==> flow/design.v <==
module gen_comparator #(
    parameter XLEN = 40,
    parameter LANES = 6
) (
    input  wire CLK,
    input  wire rst_n,
    input  wire enable,
    input  wire [LANES*XLEN-1:0] d,
    output wire [XLEN-1:0] hi
);
    reg [LANES*XLEN-1:0] d_ff;
    always @(posedge CLK or negedge rst_n) begin
        if (!rst_n) begin
            d_ff <= 0;
        end else if (enable) begin
            d_ff <= d;
        end
    end
    reg [XLEN-1:0] cur;
    integer k;
    always @* begin
        cur = d_ff[XLEN-1:0];
        for (k = 1; k < LANES; k = k + 1)
            if (d_ff[k*XLEN +: XLEN] > cur) cur = d_ff[k*XLEN +: XLEN];
    end
    reg [XLEN-1:0] hi_ff;
    always @(posedge CLK or negedge rst_n) begin
        if (!rst_n) begin
            hi_ff <= 0;
        end else if (enable) begin
            hi_ff <= cur;
        end
    end
    assign hi = hi_ff;
endmodule
--- tool output ---
### From RTL to reports: gen_comparator

A sweep over "LANES": the same steps for each member of the family.
The file above is the member LANES 6. Line numbers count from 1 in each member's own file.
Cell names lack the library's common part.
The mark - stands for no value.

| design | value |
|---|---|
| top module | gen_comparator |
| clock input | CLK |
| library | sky130hd |
| library corner | tt_025C_1v80 |

### Members of the sweep

New or changed lines of each further member against the RTL above, in its own file; lines it lacks are not shown.

New or changed lines:

| LANES | RTL line | source |
|---|---|---|
| 7 | 3 | `parameter LANES = 7` |
| 8 | 3 | `parameter LANES = 8` |
| 10 | 3 | `parameter LANES = 10` |
| 12 | 3 | `parameter LANES = 12` |

### After elaboration

Yosys after proc, flatten, opt, wreduce and memory -nomap, before mapping. Enables and synchronous resets that opt folds into registers are not counted as muxes. Memory bits, and registers merged into a memory's read port (data or address), are not among the register bits. Print and check cells are not counted. Equal cells are merged and count once.

Storage and ports:

| LANES | word-level cells | register bits | output and inout port bits |
|---|---|---|---|
| 6 | 12 | 280 | 40 |
| 7 | 14 | 320 | 40 |
| 8 | 16 | 360 | 40 |
| 10 | 20 | 440 | 40 |
| 12 | 24 | 520 | 40 |

Operators by class:

| LANES | muxes and demuxes | $lt $le $gt $ge |
|---|---|---|
| 6 | 5 | 5 |
| 7 | 6 | 6 |
| 8 | 7 | 7 |
| 10 | 9 | 9 |
| 12 | 11 | 11 |

Operators with widths:

| LANES | kind and count |
|---|---|
| 6 | 40-bit greater-than comparator: 5; 40-bit 2-to-1 mux: 5 |
| 7 | 40-bit greater-than comparator: 6; 40-bit 2-to-1 mux: 6 |
| 8 | 40-bit greater-than comparator: 7; 40-bit 2-to-1 mux: 7 |
| 10 | 40-bit greater-than comparator: 9; 40-bit 2-to-1 mux: 9 |
| 12 | 40-bit greater-than comparator: 11; 40-bit 2-to-1 mux: 11 |

### Logic depth

Yosys ltp: most cells in a row. Word level: on the elaborated netlist, between registers, memories and ports. Mapped: between sequential cells and ports; inverters and the memories' decode and read muxes count.

Logic depth:

| LANES | depth after elaboration | ABC_AREA | mapped depth |
|---|---|---|---|
| 6 | 10 | 0 | 72 |
| 7 | 12 | 0 | 92 |
| 8 | 14 | 0 | 118 |
| 10 | 18 | 0 | 150 |
| 12 | 22 | 0 | 190 |

### Mapped cells and area

Source: synth_stat.txt of the flow (Yosys; design flattened, memories mapped). It holds for the ABC_AREA given above (unset counts as 0); a run with the other value may have another netlist.
The area totals of this step are shown rounded.

Mapped netlist:

| LANES | mapped cells | cell area after synthesis (um^2) | sequential part of the area (um^2) | flip-flop cells |
|---|---|---|---|---|
| 6 | 1953 | 18500 | 7007 | 280 |
| 7 | 2042 | 20480 | 8008 | 320 |
| 8 | 2490 | 24000 | 9009 | 360 |
| 10 | 2924 | 29120 | 11010 | 440 |
| 12 | 3620 | 36080 | 13010 | 520 |

Cell types:

| LANES | type and count |
|---|---|
| 6 | dfrtp_1: 280; ha_1: 196; mux2_2: 122; o21ai_0: 227; mux2i_1: 95; nand2_1: 179; inv_1: 166; nand4_1: 86; a31oi_1: 76; o31a_1: 41; clkbuf_1: 86; a21o_1: 41; a21oi_1: 56; mux2i_2: 20; nor2_1: 73; nand3_1: 51; o21a_1: 12; nor2b_1: 13; (+133) |
| 7 | dfrtp_1: 320; ha_1: 234; mux2_2: 233; a21oi_1: 187; o21ai_0: 131; mux2i_1: 41; nor2_1: 101; inv_1: 97; nand2b_1: 58; o221ai_1: 39; clkbuf_1: 90; nand2_1: 88; nand4_1: 52; a21o_1: 42; a31oi_1: 45; a21boi_1: 37; nand3_1: 50; o22ai_1: 38; (+159) |
| 8 | dfrtp_1: 360; mux2_2: 309; ha_1: 272; o21ai_0: 258; a21oi_1: 195; nand2_1: 200; inv_1: 170; nor2_1: 146; clkbuf_1: 114; mux2i_1: 42; nand4_1: 61; a21o_1: 41; nor3b_1: 41; or4_1: 39; nor2b_1: 33; nand2b_1: 29; nand3_1: 21; nor3_1: 14; (+145) |
| 10 | dfrtp_1: 440; ha_1: 348; mux2_2: 350; o21ai_0: 238; nand2_1: 263; a21oi_1: 188; inv_1: 214; mux2i_1: 79; a21o_1: 72; nand4_1: 80; nor2_1: 129; clkbuf_1: 115; nand2b_1: 68; mux2_1: 30; o221ai_1: 38; nor2b_1: 39; mux2_4: 10; nor3_1: 22; (+201) |
| 12 | dfrtp_1: 520; mux2_2: 517; ha_1: 424; o21ai_0: 253; inv_1: 326; a21oi_1: 203; nand2_1: 227; a21o_1: 103; nand4_1: 86; nor2b_1: 85; nor2_1: 137; mux2i_1: 48; clkbuf_1: 125; o31ai_1: 44; mux2_4: 21; o21bai_1: 40; nand2b_1: 45; a21boi_1: 37; (+379) |

A list marked (+n) leaves out that many cells.

### Worst setup path after synthesis

Path of least setup slack by OpenSTA after synthesis, without wires, with an ideal clock, recovery checks aside; 20% of the period is set as input and as output delay. Where synthesis merged equal registers, the netlist keeps one of their names.

Timing post-synthesis:

| LANES | path kind | start point | end point | stages | clock period (ps) | slack (ps) | path delay (ps) | synthesis period reached (ps) |
|---|---|---|---|---|---|---|---|---|
| 6 | register to register | register d_ff[79] | register hi_ff[9] | 70 | 16400 | 3250 | 13150 | 13150 |
| 7 | register to register | register d_ff[41] | register hi_ff[10] | 91 | 19600 | 3897 | 15704 | 15703 |
| 8 | register to register | register d_ff[75] | register hi_ff[0] | 112 | 24300 | 4890 | 19411 | 19410 |
| 10 | register to register | register d_ff[75] | register hi_ff[29] | 142 | 30600 | 6134 | 24465 | 24466 |
| 12 | register to register | register d_ff[75] | register hi_ff[39] | 175 | 37200 | 7415 | 29786 | 29785 |

"path delay" = arrival - input delay + setup time.
"stages": output pins that drive a net of the path, with the launching flip-flop's if there is one; two outputs of one cell count as two.
"synthesis period reached" is the clock period less the worst setup slack; recovery checks do not enter. This is arithmetic on one report: input and output delays are still those of the set period (20% each).
Between the ends stands the longest chain of elaborated cells between them, by number of cells; it is not shown to be the way that was timed. Of several equally long chains one is given.
Each line given opens the expression or statement behind the cell; cells for indexed reads and writes are added by Yosys, which also makes memories of some case tables.

| between the ends, post-synthesis, LANES 6 | value |
|---|---|
| length of the longest elaborated chain | 10 |

RTL lines, path post-synthesis, LANES 6:

| item | RTL line | source |
|---|---|---|
| start, declared | 11 | `reg [LANES*XLEN-1:0] d_ff;` |
| start, assigned | 14 | `d_ff <= 0;` |
| start, assigned | 16 | `d_ff <= d;` |
| 40-bit greater-than comparator | 24 | `if (d_ff[k*XLEN +: XLEN] > cur) cur = d_ff[k*XLEN +: XLEN];` |
| 40-bit 2-to-1 mux | 24 |  |
| 40-bit greater-than comparator | 24 |  |
| 40-bit 2-to-1 mux | 24 |  |
| 40-bit greater-than comparator | 24 |  |
| 40-bit 2-to-1 mux | 24 |  |
| 40-bit greater-than comparator | 24 |  |
| 40-bit 2-to-1 mux | 24 |  |
| 40-bit greater-than comparator | 24 |  |
| 40-bit 2-to-1 mux | 24 |  |
| end, assigned | 29 | `hi_ff <= 0;` |
| end, assigned | 31 | `hi_ff <= cur;` |
| end, declared | 26 | `reg [XLEN-1:0] hi_ff;` |

| between the ends, post-synthesis, LANES 12 | value |
|---|---|
| length of the longest elaborated chain | 22 |

RTL lines, path post-synthesis, LANES 12:

| item | RTL line | source |
|---|---|---|
| start, declared | 11 | `reg [LANES*XLEN-1:0] d_ff;` |
| start, assigned | 14 | `d_ff <= 0;` |
| start, assigned | 16 | `d_ff <= d;` |
| 40-bit greater-than comparator | 24 | `if (d_ff[k*XLEN +: XLEN] > cur) cur = d_ff[k*XLEN +: XLEN];` |
| 40-bit 2-to-1 mux | 24 |  |
| 40-bit greater-than comparator | 24 |  |
| 40-bit 2-to-1 mux | 24 |  |
| 40-bit greater-than comparator | 24 |  |
| 40-bit 2-to-1 mux | 24 |  |
| 40-bit greater-than comparator | 24 |  |
| [8 not listed] | - |  |
| 40-bit 2-to-1 mux | 24 |  |
| 40-bit greater-than comparator | 24 |  |
| 40-bit 2-to-1 mux | 24 |  |
| 40-bit greater-than comparator | 24 |  |
| 40-bit 2-to-1 mux | 24 |  |
| 40-bit greater-than comparator | 24 |  |
| 40-bit 2-to-1 mux | 24 |  |
| end, assigned | 29 | `hi_ff <= 0;` |
| end, assigned | 31 | `hi_ff <= cur;` |
| end, declared | 26 | `reg [XLEN-1:0] hi_ff;` |

### Timing after layout

From the final timing report of each member's run: the path of least setup slack in the routed layout; clock arrival at registers is part of the times.
The path's times are printed in steps of 10 ps; the period is the one set.

Timing post-layout:

| LANES | path kind | start point | end point | data arrival time (ps) | stages | clock period (ps) | slack (ps) | buffers on the path |
|---|---|---|---|---|---|---|---|---|
| 6 | register to register | register d_ff[49] | register hi_ff[32] | 15800 | 64 | 16400 | 1020 | 6 |
| 7 | register to register | register d_ff[75] | register hi_ff[27] | 18740 | 81 | 19600 | 1340 | 4 |
| 8 | register to register | register d_ff[71] | register hi_ff[13] | 22680 | 94 | 24300 | 2070 | 7 |
| 10 | register to register | register d_ff[75] | register hi_ff[0] | 28870 | 124 | 30600 | 2250 | 6 |
| 12 | register to register | register d_ff[75] | register hi_ff[15] | 35030 | 154 | 37200 | 2750 | 6 |

### Flow runs

Settings and results of one run of the flow (Yosys, OpenROAD) for each member follow. The constraints put input and output delay at 20% of the set period each and load the outputs with 0.01 pF.

| flow settings | value |
|---|---|
| CAP_MARGIN | 20 |
| CORE_MARGIN | 2 |
| CORE_UTILIZATION | 40 |
| SLEW_MARGIN | 20 |

Settings that differ:

| LANES | period_ns |
|---|---|
| 6 | 16.4 |
| 7 | 19.6 |
| 8 | 24.3 |
| 10 | 30.6 |
| 12 | 37.2 |

Results:

| LANES | chip area after synthesis (Yosys) (um^2) | overall die area (um^2) | setup slack of the worst path (ps) | utilization in the final report | worst hold slack in the final report (ps) | setup total negative slack (ps) | standard-cell area after layout (um^2) | clock period reached (ps) |
|---|---|---|---|---|---|---|---|---|
| 6 | 18500 | 47970 | 1024 | 0.505 | 516 | 0 | 22950 | 15376 |
| 7 | 20480 | 53030 | 1336 | 0.51 | 523 | 0 | 25670 | 18264 |
| 8 | 24000 | 61980 | 2067 | 0.506 | 536 | 0 | 29920 | 22233 |
| 10 | 29120 | 74980 | 2250 | 0.505 | 502 | 0 | 36260 | 28350 |
| 12 | 36080 | 92620 | 2749 | 0.498 | 529 | 0 | 44660 | 34451 |

"clock period reached": clock period set for the run, less the worst setup slack. It is reckoned from that one timing run; input and output delays stay at 20% of the period that was set.
Measured values are rounded.
--- end ---
